==> flow/design.v <==
module cpu_add_core (clk_i, i_rst, opa, opb, c0, res, cout);
  parameter integer WD = 40;
  input clk_i;
  input i_rst;
  input [WD-1:0] opa;
  input [WD-1:0] opb;
  input c0;
  output [WD-1:0] res;
  output cout;
  localparam NG = WD / 4;
  wire [WD-1:0] val;
  wire [NG:0] c;
  assign c[0] = c0;
  genvar i;
  generate
    for (i = 0; i < NG; i = i + 1) begin : blk
      la4 inst (.a(opa[4*i +: 4]), .b(opb[4*i +: 4]), .ci(c[i]), .s(val[4*i +: 4]), .co(c[i+1]));
    end
  endgenerate
  reg [WD-1:0] r_res;
  always @(posedge clk_i) begin
    if (i_rst) begin
      r_res <= 0;
    end else begin
      r_res <= val;
    end
  end
  assign res = r_res;
  reg r_cout;
  always @(posedge clk_i) begin
    if (i_rst) begin
      r_cout <= 1'b0;
    end else begin
      r_cout <= c[NG];
    end
  end
  assign cout = r_cout;
endmodule
module la4 (
  input wire [3:0] a,
  input wire [3:0] b,
  input wire ci,
  output wire [3:0] s,
  output wire co
);
  wire [3:0] g = a & b;
  wire [3:0] p = a ^ b;
  wire c1 = g[0] | (p[0] & ci);
  wire c2 = g[1] | (p[1] & g[0]) | (p[1] & p[0] & ci);
  wire c3 = g[2] | (p[2] & g[1]) | (p[2] & p[1] & g[0]) | (p[2] & p[1] & p[0] & ci);
  assign co = g[3] | (p[3] & g[2]) | (p[3] & p[2] & g[1]) | (p[3] & p[2] & p[1] & g[0]) | (&p & ci);
  assign s = p ^ {c3, c2, c1, ci};
endmodule
# == Tool chain data of cpu_add_core ==
# What the tools print for cpu_add_core, step after step.
# Line numbers count from 1 in the design file above.
# Not given: --
# design
top,cpu_add_core
clock_port,clk_i
cell_library,sky130hd
lib_corner,tt_025C_1v80

# == Word-level counts ==
# Counts by Yosys on the flattened word-level netlist (proc, flatten, opt, wreduce; memories kept). Register bits leave out memories and registers merged into their read ports (data or address); mux counts leave out enables and synchronous resets folded into registers. Print and check cells are left out. Cells with the same type and inputs are merged into one.
# classes
n_addsub,0
mul,0
div_mod_pow,0
compare,0
eq_ne,0
n_shift,0
n_mux,0
n_logic,280
reduce_logical,10
# op_table
cell,n
1-bit bitwise AND,150
1-bit bitwise OR,100
4-bit bitwise XOR,20
4-bit bitwise AND,10
4-bit AND reduction,10
# word_totals
ff_bits,41
latch_bits,0
mem_bits_rw,0
mem_bits_ro,0
clocked_rd_ports_x_width,0
mem_count,0
in_bits,83
out_inout_bits,41
wordCells,292

# == Depth ==
# Yosys ltp: most cells in a row. Word level: on the elaborated netlist, between registers, memories and ports. Mapped: between sequential cells and ports; inverters and the memories' decode and read muxes count.
# logic_depth
depth_word,25
ABC_AREA,0
mapped_depth,12
depth_no_buf,12

# == Mapped cells and area ==
# The flow's flattened synthesis, as Yosys stat reports it; memories are mapped. The netlist is that of the ABC_AREA named above (0 if unset); the other value can give another one.
# Totals and module areas in this step are rounded.
# by_type
cell,n,area_total_um2
sky130_fd_sc_hd__dfxtp_1,41,820.787
sky130_fd_sc_hd__ha_1,40,500.48
sky130_fd_sc_hd__fa_1,10,200.192
sky130_fd_sc_hd__a21oi_1,26,130.125
sky130_fd_sc_hd__nor2_1,33,123.869
sky130_fd_sc_hd__xnor2_1,14,122.618
sky130_fd_sc_hd__xor2_1,10,87.584
sky130_fd_sc_hd__o21ai_0,15,75.072
sky130_fd_sc_hd__nor2b_1,10,62.56
sky130_fd_sc_hd__a21o_1,8,60.058
sky130_fd_sc_hd__nor3_1,10,50.048
sky130_fd_sc_hd__inv_1,12,45.043
sky130_fd_sc_hd__nand2_1,12,45.043
sky130_fd_sc_hd__o211ai_1,4,30.029
sky130_fd_sc_hd__o21a_1,4,30.029
sky130_fd_sc_hd__a211o_1,3,26.275
sky130_fd_sc_hd__and4_1,3,26.275
sky130_fd_sc_hd__nand3_1,5,25.024
# Other cell types: 15; their cells: 28.
# mapped
cells,288
synth_area_mm2,0.0026
seqArea_mm2,0.00082
flip_flops,41
buffers,5
# The figures by module come from a second, unflattened synthesis with its own total; it is not the netlist above.
# unflattened
hier_cells,256
hier_area_mm2,0.0026
# Rows give one instance, submodules left out.
# modules
module,n_inst,cells,mod_area_mm2,seq_area_mm2
la4,10,17,0.00015,0
cpu_add_core,1,86,0.0011,0.00082

# == Path before layout ==
# OpenSTA on the mapped netlist: ideal clock, no wires. The path of least setup slack (recovery checks aside). Input and output delay are each 20% of the period. Register names are those of the netlist, which keeps one name where synthesis merged equal registers.
# synth_timing
kind,input -> register
startpoint,input port opa[0]
endpoint,register r_res[37]
period_ps,3650
input_delay_ps,730
setup_ps,128
t_first_pin_ps,730
arrival_ps,2936
required_time_ps,3522
slack_ps,586
path_delay_ps,2334
stages,12
n_path_buf,0
period_less_setup_slack_ps,3064
# "path_delay_ps" is the arrival time less input delay plus setup time.
# "stages" counts driving pins, that of a launching flip-flop among them; a cell with two outputs on the path counts twice.
# "period_less_setup_slack_ps" = period - worst setup slack (recovery checks aside). The figure is calculated, with input and output delays left at 20% of the set period.
# The rows between start and end are the longest chain of elaborated cells between them; the timing report does not say that the signal goes this way. Where chains are equally long, one stands for them.
# A line is the first line of the expression or statement that the cell stems from. Yosys adds cells for indexed reads and writes and turns some case tables into memories.
# synth_via
cell_sequence,sky130_fd_sc_hd__ha_1 sky130_fd_sc_hd__a211o_1 sky130_fd_sc_hd__a211o_1 sky130_fd_sc_hd__nand4_1 sky130_fd_sc_hd__and4_1 sky130_fd_sc_hd__inv_2 sky130_fd_sc_hd__o211ai_1 sky130_fd_sc_hd__o211ai_1 sky130_fd_sc_hd__a21o_1 sky130_fd_sc_hd__fa_1 sky130_fd_sc_hd__xnor2_1 sky130_fd_sc_hd__nor2_1
elab_chain_cells,23
cone_cells,26
lines_between,5
cone_classes,logic (25); reduce/logical (1)
# synth_rtl
item,line_no,source
"start, declared",5,input [WD-1:0] opa;
4-bit bitwise AND,46,wire [3:0] g = a & b;
1-bit bitwise AND,51,assign co = g[3] | (p[3] & g[2]) | (p[3] & p[2] & g[1]) | (p[3] & p[2] & p[1] & g[0]) | (&p & ci);
1-bit bitwise OR (2 in a row),51,
1-bit bitwise AND,51,
1-bit bitwise OR,51,
1-bit bitwise AND,51,
1-bit bitwise OR,51,
[8 not listed],--,
1-bit bitwise AND,51,
1-bit bitwise OR,51,
1-bit bitwise AND,51,
1-bit bitwise OR,51,
1-bit bitwise AND,48,wire c1 = g[0] | (p[0] & ci);
1-bit bitwise OR,48,
4-bit bitwise XOR,52,"assign s = p ^ {c3, c2, c1, ci};"
"end, assigned",23,r_res <= 0;
"end, assigned",25,r_res <= val;
"end, declared",20,reg [WD-1:0] r_res;

# == Timing after layout ==
# From the final timing report of stored run 1: the path of least setup slack in the routed layout; clock arrival at registers is part of the times.
# The report prints the path's times to 10 ps; the period is as set.
# layout_timing
kind,input -> register
startpoint,input port opa[0]
endpoint,register r_res[37]
period_ps,3650
input_delay_ps,730
setup_ps,140
t_first_pin_ps,730
arrival_ps,3540
required_time_ps,3800
slack_ps,260
stages,13
n_path_buf,1
# The rows between start and end are the longest chain of elaborated cells between them; the timing report does not say that the signal goes this way. Where chains are equally long, one stands for them.
# layout_via
cell_sequence,sky130_fd_sc_hd__clkdlybuf4s50_1 sky130_fd_sc_hd__ha_1 sky130_fd_sc_hd__a211o_1 sky130_fd_sc_hd__a211o_1 sky130_fd_sc_hd__nand4_1 sky130_fd_sc_hd__and4_2 sky130_fd_sc_hd__inv_2 sky130_fd_sc_hd__o211ai_1 sky130_fd_sc_hd__o211ai_1 sky130_fd_sc_hd__a21o_1 sky130_fd_sc_hd__fa_1 sky130_fd_sc_hd__xnor2_1 sky130_fd_sc_hd__nor2_1
elab_chain_cells,23
cone_cells,26
lines_between,5
cone_classes,logic (25); reduce/logical (1)
# layout_rtl
item,line_no,source
"start, declared",5,input [WD-1:0] opa;
4-bit bitwise AND,46,wire [3:0] g = a & b;
1-bit bitwise AND,51,assign co = g[3] | (p[3] & g[2]) | (p[3] & p[2] & g[1]) | (p[3] & p[2] & p[1] & g[0]) | (&p & ci);
1-bit bitwise OR (2 in a row),51,
1-bit bitwise AND,51,
1-bit bitwise OR,51,
1-bit bitwise AND,51,
1-bit bitwise OR,51,
[8 not listed],--,
1-bit bitwise AND,51,
1-bit bitwise OR,51,
1-bit bitwise AND,51,
1-bit bitwise OR,51,
1-bit bitwise AND,48,wire c1 = g[0] | (p[0] & ci);
1-bit bitwise OR,48,
4-bit bitwise XOR,52,"assign s = p ^ {c3, c2, c1, ci};"
"end, assigned",23,r_res <= 0;
"end, assigned",25,r_res <= val;
"end, declared",20,reg [WD-1:0] r_res;

# 3 stored runs of cpu_add_core in the flow (synthesis by Yosys, layout by OpenROAD, sky130hd cells), in arbitrary order. Constraints: input delay and output delay 20% of the set period each, output load 0.01 pF.
# "achieved_period_ps" = clock period - worst setup slack. The figure is calculated, with input and output delays left at 20% of the set period.
# By "worstPathTime_ps" is meant the share of the clock period that the worst setup path is allowed (20% is reserved at inputs, 20% at outputs), minus its slack. Clock arrival times at its registers enter into it.
# "worstPathTime_ps" is given in steps of 10 ps.
# Measured values are rounded.
# A setting shown as - is not set for that run.
item,stored run 1,stored run 2,stored run 3
period_ns,3.65,4.77,2.13
CAP_MARGIN,20,5,20
CORE_MARGIN,2,9,2
CORE_UTILIZATION,40,45,30
SLEW_MARGIN,20,20,20
SETUP_SLACK_MARGIN,-,1.34,0.23
PLACE_DENSITY_LB_ADDON,-,0.22,0.16
HOLD_SLACK_MARGIN,-,0.26,-0.0
CORE_ASPECT_RATIO,-,0.53,0.65
ABC_AREA,-,0,-
GPL_ROUTABILITY_DRIVEN,-,1,-
MAX_ROUTING_LAYER,-,-,met5
design.die.area_mm2,0.0073,0.0091,0.0096
setup_ws_ps,260,1400,-600
finalUtil_pct,64,79,66
worstPathTime_ps,2660,2390,2310
path_kind,input -> register,input -> register,input -> register
ws_hold_ps,1200,1100,540
achieved_period_ps,3390,3348,2734
timing.setup.tns_ps,0,0,-9500
yosys.chip_area_mm2,0.0026,0.0026,0.0026
final_stdcell_area_mm2,0.0041,0.0043,0.0056
